==> flow/design.v <==
module dp_registers_stage #(
  parameter NWORDS = 6,
  parameter DATA_WIDTH = 32,
  parameter NR = 1,
  parameter WPORTS = 3,
  parameter AW = $clog2(NWORDS)
) (
  input wire i_clk,
  input wire clr,
  input wire [WPORTS-1:0] load_in,
  input wire [WPORTS*AW-1:0] wsel_in,
  input wire [WPORTS*DATA_WIDTH-1:0] d_in,
  input wire [NR*AW-1:0] ra_in,
  output wire [NR*DATA_WIDTH-1:0] dout_out
);
  reg [DATA_WIDTH-1:0] store [NWORDS-1:0];
  integer k;
  always @(posedge i_clk) begin
    for (k = 0; k < WPORTS; k = k + 1)
      if (load_in[k]) store[wsel_in[k*AW +: AW]] <= d_in[k*DATA_WIDTH +: DATA_WIDTH];
  end
  wire [NR*DATA_WIDTH-1:0] cur;
  genvar jj;
  generate
    for (jj = 0; jj < NR; jj = jj + 1) begin : stage
      assign cur[jj*DATA_WIDTH +: DATA_WIDTH] = store[ra_in[jj*AW +: AW]];
    end
  endgenerate
  reg [NR*DATA_WIDTH-1:0] r_dout;
  assign dout_out = r_dout;
  always @(posedge i_clk or posedge clr) begin
    if (clr) begin
      r_dout <= 0;
    end else begin
      r_dout <= cur;
    end
  end
endmodule
==> Step by step through the tools: dp_registers_stage <==
The steps from the RTL of dp_registers_stage to its reports follow in flow order.
Line numbers count from 1 in the design file above.
Operators: Yosys type, input widths -> output width; for muxes data width and select width s.
{ "inputs": {"top_module": "dp_registers_stage", "clock": "i_clk", "lib": "sky130hd", "corner": "tt_025C_1v80"} }

==> Word-level counts <==
Yosys after proc, flatten, opt, wreduce and memory -nomap, before mapping. Enables and synchronous resets that opt folds into registers are not counted as muxes. Memory bits, and registers merged into a memory's read port (data or address), are not among the register bits. Print and check cells are not counted. Equal cells are merged and count once.
Memory sizes are those after Yosys's memory passes, which may raise the word count (mostly to a power of two), join words into wider ones and drop unused or constant bits.
{ "op_classes": {"muxes": 9} }
{ "op_table": {"columns": ["operator", "count"], "rows": [
  ["$mux 32", 3],
  ["$mux 3", 3],
  ["$mux 1", 3]
]} }
{ "bits": {"regBits": 0, "mem_bits_rw": 192, "clocked_rd_ports_x_width": 32, "n_memories": 1, "inputBits": 113, "word_cells": 10} }
{ "mem_list": {"columns": ["name", "words", "width", "rd", "wr", "line", "rtl"], "rows": [
  ["store", 6, 32, 1, 3, 16, "reg [DATA_WIDTH-1:0] store [NWORDS-1:0];"]
]} }

==> Logic depth <==
Longest topological path by Yosys (ltp), each cell counted once; first at word level (registers and memories cut), then after technology mapping (sequential cells cut; the memories' decode and read muxes count).
{ "depth": {"ltp_word": 1, "abc_area": 0, "depth_mapped": 5, "mapped_depth_nobuf": 3} }

==> After synthesis <==
Yosys stat after the flow's synthesis: flattened, memories mapped to cells. It holds for the ABC_AREA given above (unset counts as 0); a run with the other value may have another netlist.
{ "mapped": {"mapped_cells": 1038, "mapped_area_um2": 12381.9, "ffs": 224} }
{ "by_type": {"columns": ["type", "count", "area_total_um2"], "rows": [
  ["sky130_fd_sc_hd__edfxtp_1", 192, 5765.53],
  ["sky130_fd_sc_hd__mux2i_1", 224, 2242.15],
  ["sky130_fd_sc_hd__dfrtp_1", 32, 800.768],
  ["sky130_fd_sc_hd__mux4_2", 32, 720.691],
  ["sky130_fd_sc_hd__nand2_1", 129, 484.214],
  ["sky130_fd_sc_hd__a21oi_1", 96, 480.461],
  ["sky130_fd_sc_hd__o21ai_1", 83, 415.398],
  ["sky130_fd_sc_hd__nor2_1", 98, 367.853],
  ["sky130_fd_sc_hd__buf_6", 17, 191.434],
  ["sky130_fd_sc_hd__o21ai_2", 19, 166.41],
  ["sky130_fd_sc_hd__o21ai_0", 26, 130.125],
  ["sky130_fd_sc_hd__buf_4", 16, 120.115],
  ["sky130_fd_sc_hd__buf_2", 19, 95.091],
  ["sky130_fd_sc_hd__clkbuf_1", 21, 78.826],
  ["sky130_fd_sc_hd__buf_12", 3, 60.058],
  ["sky130_fd_sc_hd__and4bb_2", 4, 50.048],
  ["sky130_fd_sc_hd__nand4b_1", 4, 35.034],
  ["sky130_fd_sc_hd__buf_8", 2, 30.029]
]} }
Not listed: further types 10, cells in them 21.

==> Path before layout <==
OpenSTA on the mapped netlist: ideal clock, no wires. The path of least setup slack (recovery checks aside). Input and output delay are each 20% of the period. Register names are those of the netlist, which keeps one name where synthesis merged equal registers.
{ "synth_path": {"path_type": "input to register", "start": "input wsel_in[7]", "end": "memory store[5][0]", "tclk_ps": 2960, "in_delay_ps": 592, "t_first_pin_ps": 592, "t_arrival_ps": 1923, "required_ps": 2399, "setup_slack_ps": 476, "delay_ps": 1892, "path_stages": 4, "path_buffers": 2, "period_less_setup_slack_ps": 2484} }
"delay_ps" = arrival - input delay + setup time.
"path_stages" counts driving pins, that of a launching flip-flop among them; a cell with two outputs on the path counts twice.
"period_less_setup_slack_ps" = period - worst setup slack (recovery checks aside). The figure is calculated, with input and output delays left at 20% of the set period.
Between the ends stands the longest chain of elaborated cells between them, by number of cells; it is not shown to be the way that was timed. Of several equally long chains one is given.
A line is the first line of the expression or statement that the cell stems from. Yosys adds cells for indexed reads and writes and turns some case tables into memories.
{ "synth_between": {"cell_sequence": "sky130_fd_sc_hd__nand4b_1 sky130_fd_sc_hd__buf_4 sky130_fd_sc_hd__clkbuf_1 sky130_fd_sc_hd__nand3_1", "elab_chain_cells": 1, "cone_cells": 1, "lines_between": 1, "classes_between": "mux (1)"} }
{ "synth_rtl": {"columns": ["element", "line", "rtl"], "rows": [
  ["start: declaration", 11, "input wire [WPORTS*AW-1:0] wsel_in,"],
  ["$mux 3", 20, "if (load_in[k]) store[wsel_in[k*AW +: AW]] <= d_in[k*DATA_WIDTH +: DATA_WIDTH];"],
  ["end: declaration", 16, "reg [DATA_WIDTH-1:0] store [NWORDS-1:0];"]
]} }

==> Timing after layout <==
Path of least setup slack in the final report of flow run C (OpenROAD, finished layout, wires in). Where an end is a register, its clock arrival counts in the times.
The path's times are printed in steps of 10 ps; the period is the one set.
{ "layout_path": {"path_type": "input to register", "start": "input wsel_in[4]", "end": "memory store[5][18]", "tclk_ps": 2960, "in_delay_ps": 590, "t_first_pin_ps": 590, "t_arrival_ps": 2410, "required_ps": 3210, "setup_slack_ps": 800, "path_stages": 5, "path_buffers": 2} }
Between the ends stands the longest chain of elaborated cells between them, by number of cells; it is not shown to be the way that was timed. Of several equally long chains one is given.
{ "layout_between": {"cell_sequence": "sky130_fd_sc_hd__clkdlybuf4s50_1 sky130_fd_sc_hd__nand4b_1 sky130_fd_sc_hd__buf_12 sky130_fd_sc_hd__mux2i_1 sky130_fd_sc_hd__a21oi_1", "elab_chain_cells": 1, "cone_cells": 1, "lines_between": 1, "classes_between": "mux (1)"} }
{ "layout_rtl": {"columns": ["element", "line", "rtl"], "rows": [
  ["start: declaration", 11, "input wire [WPORTS*AW-1:0] wsel_in,"],
  ["$mux 3", 20, "if (load_in[k]) store[wsel_in[k*AW +: AW]] <= d_in[k*DATA_WIDTH +: DATA_WIDTH];"],
  ["end: declaration", 16, "reg [DATA_WIDTH-1:0] store [NWORDS-1:0];"]
]} }

==> runs of dp_registers_stage <==
Stored flow runs of dp_registers_stage (3 of them; Yosys, OpenROAD, sky130hd). They differ in their settings and are not a sequence. Constraints: input delay and output delay 20% of the set period each, output load 0.01 pF.
"period_reached_ps" = clock period - worst setup slack. The figure is calculated, with input and output delays left at 20% of the set period.
"critical_path_time_ps" = time allowed to the worst setup path (clock period - input delay - output delay, where it has them) - its slack; a late launch clock adds to it, a late capture clock takes from it.
"critical_path_time_ps" is known to 10 ps.

Flow run A
==> flow/run.sh <==
#!/bin/bash
# the make line also repeats the synthesis and layout settings of config.mk as NAME=value (left out here)
make -C /OpenROAD-flow-scripts/flow DESIGN_CONFIG=/design/flow/config.mk WORK_HOME=/design/flow/orfs CLKGATE_MAP_FILE= finish
==> flow/config.mk <==
export PLATFORM = sky130hd
export DESIGN_NAME = dp_registers_stage
export DESIGN_NICKNAME = dp_registers_stage
export VERILOG_FILES = /design/flow/design.v
export SDC_FILE = /design/flow/constraint.sdc
export NUM_CORES = 4
export LEC_CHECK = 0
export CAP_MARGIN = 20
export CELL_PAD_IN_SITES_GLOBAL_PLACEMENT = 3
export CORE_MARGIN = 7
export CORE_UTILIZATION = 65
export HOLD_SLACK_MARGIN = 0.23
export MIN_ROUTING_LAYER = met2
export PLACE_DENSITY_LB_ADDON = 0.01
export SETUP_SLACK_MARGIN = -0.02
export SLEW_MARGIN = 5
==> flow/constraint.sdc <==
create_clock -name core_clock -period 2.14 [get_ports {i_clk}]
set_input_delay 0.4280 -clock core_clock [delete_from_list [all_inputs] [get_ports {i_clk}]]
set_output_delay 0.4280 -clock core_clock [all_outputs]
set_load 0.01 [all_outputs]

==> results of flow run A, as JSON <==
{
  "outcome": "unfinished; error FLW-0024 in placement"
}

Flow run B
==> flow/run.sh <==
#!/bin/bash
# the make line also repeats the synthesis and layout settings of config.mk as NAME=value (left out here)
make -C /OpenROAD-flow-scripts/flow DESIGN_CONFIG=/design/flow/config.mk WORK_HOME=/design/flow/orfs CLKGATE_MAP_FILE= finish
==> flow/config.mk <==
export PLATFORM = sky130hd
export DESIGN_NAME = dp_registers_stage
export DESIGN_NICKNAME = dp_registers_stage
export VERILOG_FILES = /design/flow/design.v
export SDC_FILE = /design/flow/constraint.sdc
export NUM_CORES = 4
export LEC_CHECK = 0
export ABC_AREA = 1
export CAP_MARGIN = 20
export CELL_PAD_IN_SITES_GLOBAL_PLACEMENT = 2
export CORE_ASPECT_RATIO = 1.43
export CORE_MARGIN = 2
export CORE_UTILIZATION = 60
export GPL_ROUTABILITY_DRIVEN = 1
export HOLD_SLACK_MARGIN = -0.07
export MAX_ROUTING_LAYER = met5
export PLACE_DENSITY_LB_ADDON = 0.06
export SETUP_SLACK_MARGIN = 0.96
export SLEW_MARGIN = 20
export TNS_END_PERCENT = 80
==> flow/constraint.sdc <==
create_clock -name core_clock -period 4.0 [get_ports {i_clk}]
set_input_delay 0.8000 -clock core_clock [delete_from_list [all_inputs] [get_ports {i_clk}]]
set_output_delay 0.8000 -clock core_clock [all_outputs]
set_load 0.01 [all_outputs]

==> results of flow run B, as JSON <==
{
  "outcome": "unfinished; error FLW-0024 in placement"
}

Flow run C
==> flow/run.sh <==
#!/bin/bash
# the make line also repeats the synthesis and layout settings of config.mk as NAME=value (left out here)
make -C /OpenROAD-flow-scripts/flow DESIGN_CONFIG=/design/flow/config.mk WORK_HOME=/design/flow/orfs CLKGATE_MAP_FILE= finish
==> flow/config.mk <==
export PLATFORM = sky130hd
export DESIGN_NAME = dp_registers_stage
export DESIGN_NICKNAME = dp_registers_stage
export VERILOG_FILES = /design/flow/design.v
export SDC_FILE = /design/flow/constraint.sdc
export NUM_CORES = 4
export LEC_CHECK = 0
export CAP_MARGIN = 20
export CORE_MARGIN = 2
export CORE_UTILIZATION = 40
export SLEW_MARGIN = 20
==> flow/constraint.sdc <==
create_clock -name core_clock -period 2.96 [get_ports {i_clk}]
set_input_delay 0.5920 -clock core_clock [delete_from_list [all_inputs] [get_ports {i_clk}]]
set_output_delay 0.5920 -clock core_clock [all_outputs]
set_load 0.01 [all_outputs]

==> results of flow run C, as JSON <==
{
  "synth_area_um2": 12381.9,
  "period_reached_ps": 2158,
  "critical_path_time_ps": 1570,
  "worst_path_kind": "input to register",
  "holdWs_ps": 548,
  "tns_setup_ps": 0,
  "design_die_area_um2": 32378.4,
  "worstSetupSlack_ps": 802,
  "layout_stdcell_area_um2": 15102.0
}
